==> flow/design.v <==
module gen_add_unit #(
    parameter DWIDTH = 20
) (
    input ck,
    input [DWIDTH-1:0] a_i,
    input [DWIDTH-1:0] b_i,
    output reg [DWIDTH-1:0] o_o,
    output reg ovf_o
);
    reg [DWIDTH-1:0] g;
    reg [DWIDTH-1:0] p;
    integer i;
    always @* begin
        g = a_i & b_i;
        p = a_i ^ b_i;
        for (i = 1; i < DWIDTH; i = i * 2) begin
            g = g | (p & (g << i));
            p = p & (p << i);
        end
    end
    always @(posedge ck)
        o_o <= a_i ^ b_i ^ {g[DWIDTH-2:0], 1'b0};
    always @(posedge ck)
        ovf_o <= g[DWIDTH-1];
endmodule
**From RTL to reports: gen_add_unit**

The steps from the RTL of gen_add_unit to its reports follow in flow order.
Line numbers count from 1 in the design file above.
Operators carry their Yosys type and port widths (W data, S select, Z words).
A cell with -- has no value.

- Top module: gen_add_unit
- Clock input: ck
- Cell library: sky130hd
- Corner: tt_025C_1v80

**Word level**

Source: Yosys, flattened and elaborated, memories not mapped. Widths are those after wreduce; folded enables and synchronous resets count as part of the registers. Registers that Yosys merges into a memory's read port (data or address) are not register bits. Print and check cells do not count. Equal cells are merged and count once.

- Elaborated cells: 19
- Register bits: 21
- Output and inout port bits: 21

- Bitwise logic cells: 17

Operators by type and width:

| operator | number |
|---|---|
| $and A20 B20 Y20 | 10 |
| $or A20 B20 Y20 | 5 |
| $xor A20 B20 Y20 | 2 |

**Longest topological paths**

Yosys ltp: most cells in a row. Word level: on the elaborated netlist, between registers, memories and ports. Mapped: between sequential cells and ports; inverters and the memories' decode and read muxes count.

- Depth after elaboration: 12
- ABC_AREA: 0
- Mapped depth: 9
- Depth with buffers taken out: 9

**Netlist**

The flow's flattened synthesis, as Yosys stat reports it; memories are mapped. The netlist is that of the ABC_AREA named above (0 if unset); the other value can give another one.

- Chip area (Yosys): 0.0014214 mm²
- Cell count: 155
- Flip-flop cells: 21
- Area of sequential cells: 0.0004204 mm²

Cells by type:

| cell | number | total area (µm²) |
|---|---|---|
| sky130_fd_sc_hd__dfxtp_1 | 21 | 420.403 |
| sky130_fd_sc_hd__ha_1 | 20 | 250.24 |
| sky130_fd_sc_hd__xor2_1 | 10 | 87.584 |
| sky130_fd_sc_hd__xnor2_1 | 8 | 70.067 |
| sky130_fd_sc_hd__a21oi_1 | 13 | 65.062 |
| sky130_fd_sc_hd__a21o_1 | 8 | 60.058 |
| sky130_fd_sc_hd__nor2_1 | 13 | 48.797 |
| sky130_fd_sc_hd__o21ai_0 | 8 | 40.038 |
| sky130_fd_sc_hd__nand2_1 | 9 | 33.782 |
| sky130_fd_sc_hd__a2111oi_4 | 1 | 27.526 |
| sky130_fd_sc_hd__fa_1 | 1 | 20.019 |
| sky130_fd_sc_hd__nor3_1 | 4 | 20.019 |
| sky130_fd_sc_hd__inv_1 | 5 | 18.768 |
| sky130_fd_sc_hd__nand4_1 | 3 | 18.768 |
| sky130_fd_sc_hd__o41ai_2 | 1 | 16.266 |
| sky130_fd_sc_hd__a211oi_1 | 2 | 15.014 |
| sky130_fd_sc_hd__a221oi_2 | 1 | 15.014 |
| sky130_fd_sc_hd__clkbuf_1 | 4 | 15.014 |

Other cell types: 20; their cells: 23.

**Timing after synthesis**

OpenSTA on the mapped netlist: ideal clock, no wires. The path of least setup slack (recovery checks aside). Input and output delay are each 20% of the period. Register names are those of the netlist, which keeps one name where synthesis merged equal registers.

- Path type: input -> register
- Start: in a_i[0]
- End: reg o_o[18]
- Stages: 9
- Path buffers: 0
- Library setup time: 120 ps
- Path delay: 1,764 ps
- Setup slack: 444 ps
- Arrival: 2,196 ps
- Data required time: 2,640 ps
- Clock period: 2,760 ps
- External input delay: 552 ps
- Synthesis period reached: 2,316 ps

"path delay" = arrival - input delay + setup time.
"stages": output pins that drive a net of the path, with the launching flip-flop's if there is one; two outputs of one cell count as two.
"synthesis period reached" is the clock period less the worst setup slack; recovery checks do not enter. This is arithmetic on one report: input and output delays are still those of the set period (20% each).
Between the ends stands the longest chain of elaborated cells between them, by number of cells; it is not shown to be the way that was timed. Of several equally long chains one is given.
Each line given opens the expression or statement behind the cell; cells for indexed reads and writes are added by Yosys, which also makes memories of some case tables.

- Path through: sky130_fd_sc_hd__ha_1 -> sky130_fd_sc_hd__inv_1 -> sky130_fd_sc_hd__fa_1 -> sky130_fd_sc_hd__nand2b_1 -> sky130_fd_sc_hd__a21oi_2 -> sky130_fd_sc_hd__a2111oi_4 -> sky130_fd_sc_hd__o41ai_2 -> sky130_fd_sc_hd__a211oi_2 -> sky130_fd_sc_hd__xnor2_1
- Cells in the longest elaborated chain: 9

RTL lines, path post-synthesis:

| element | line | source |
|---|---|---|
| start: declaration | 5 | `input [DWIDTH-1:0] a_i,` |
| $and A20 B20 Y20 | 14 | `g = a_i & b_i;` |
| $and A20 B20 Y20 | 17 | `g = g \| (p & (g << i));` |
| $or A20 B20 Y20 (4 in a row) | 17 |  |
| $and A20 B20 Y20 | 17 |  |
| $or A20 B20 Y20 | 17 |  |
| $xor A20 B20 Y20 | 22 | `o_o <= a_i ^ b_i ^ {g[DWIDTH-2:0], 1'b0};` |
| end: assignment | 22 |  |
| end: declaration | 7 | `output reg [DWIDTH-1:0] o_o,` |

**Path in the finished layout**

Path of least setup slack in the final report of job 1 (OpenROAD, finished layout, wires in). Where an end is a register, its clock arrival counts in the times.
The path's times are printed in steps of 10 ps; the period is the one set.

- Path type: input -> register
- Start: in b_i[0]
- End: reg o_o[14]
- External input delay: 340 ps
- Clock period: 1,710 ps
- Data required time: 1,900 ps
- Library setup time: 70 ps
- Path buffers: 3
- Arrival: 2,040 ps
- Stages: 11
- Setup slack: -140 ps

Between the ends stands the longest chain of elaborated cells between them, by number of cells; it is not shown to be the way that was timed. Of several equally long chains one is given.

- Path through: sky130_fd_sc_hd__buf_6 -> sky130_fd_sc_hd__ha_4 -> sky130_fd_sc_hd__inv_2 -> sky130_fd_sc_hd__fa_2 -> sky130_fd_sc_hd__nand2b_4 -> sky130_fd_sc_hd__a21oi_4 -> sky130_fd_sc_hd__a2111oi_4 -> sky130_fd_sc_hd__buf_4 -> sky130_fd_sc_hd__o41ai_4 -> sky130_fd_sc_hd__buf_4 -> sky130_fd_sc_hd__xor2_1
- Cells in the longest elaborated chain: 10

RTL lines, path after layout:

| element | line | source |
|---|---|---|
| start: declaration | 6 | `input [DWIDTH-1:0] b_i,` |
| $and A20 B20 Y20 | 14 | `g = a_i & b_i;` |
| $and A20 B20 Y20 | 17 | `g = g \| (p & (g << i));` |
| $or A20 B20 Y20 (2 in a row) | 17 |  |
| $and A20 B20 Y20 | 17 |  |
| $or A20 B20 Y20 | 17 |  |
| $and A20 B20 Y20 | 17 |  |
| $or A20 B20 Y20 (2 in a row) | 17 |  |
| $xor A20 B20 Y20 | 22 | `o_o <= a_i ^ b_i ^ {g[DWIDTH-2:0], 1'b0};` |
| end: assignment | 22 |  |
| end: declaration | 7 | `output reg [DWIDTH-1:0] o_o,` |

Subject: flow runs of gen_add_unit

Hi,

gen_add_unit through Yosys and OpenROAD on sky130hd: 3 stored runs, unordered, with their settings and measured results. The constraints put input and output delay at 20% of the set period each and load the outputs with 0.01 pF.
"achieved clock period": clock period set for the run, less the worst setup slack. It is reckoned from that one timing run; input and output delays stay at 20% of the period that was set.
By "total power after layout" is meant OpenSTA's value without simulated activity: inputs other than the clock are taken to toggle once in ten clock periods, and the tool carries that through the logic.

### Job 1

Settings: `period_ns=1.71`, `CORE_UTILIZATION=18`, `SETUP_SLACK_MARGIN=0.44`, `PLACE_DENSITY_LB_ADDON=0.1`, `TNS_END_PERCENT=100`, `ABC_AREA=0`, `CTS_CLUSTER_SIZE=27`, `CTS_CLUSTER_DIAMETER=98`, `CAP_MARGIN=35`, `MAX_ROUTING_LAYER=met5`, `CORE_MARGIN=2`, `SLEW_MARGIN=20`

- Achieved clock period: 1,849 ps
- Total negative setup slack: -566 ps
- Area of the standard cells in the finished layout: 0.0030842 mm²
- Total power after layout: 2,028 uW
- Area of the die: 0.008623 mm²
- Setup slack of the worst path: -139 ps
- Final worst hold slack: 290 ps
- Post-synthesis cell area: 0.0014214 mm²

### Job 2

Settings: `period_ns=2.76`, `CAP_MARGIN=20`, `CORE_MARGIN=2`, `CORE_UTILIZATION=40`, `SLEW_MARGIN=20`

- Area of the die: 0.0040462 mm²
- Area of the standard cells in the finished layout: 0.0021546 mm²
- Total power after layout: 1,000 uW
- Final worst hold slack: 859 ps
- Post-synthesis cell area: 0.0014214 mm²
- Total negative setup slack: 0 ps
- Achieved clock period: 2,551 ps
- Setup slack of the worst path: 209 ps

### Job 3

Settings: `period_ns=3.86`, `CORE_UTILIZATION=62`, `SETUP_SLACK_MARGIN=-0.07`, `HOLD_SLACK_MARGIN=0.29`, `CELL_PAD_IN_SITES_GLOBAL_PLACEMENT=2`, `TNS_END_PERCENT=30`, `ABC_AREA=0`, `CTS_CLUSTER_DIAMETER=216`, `MAX_ROUTING_LAYER=met5`, `CAP_MARGIN=20`, `CORE_MARGIN=2`, `SLEW_MARGIN=20`

No final report: placement broke off with GPL-0301.

Regards
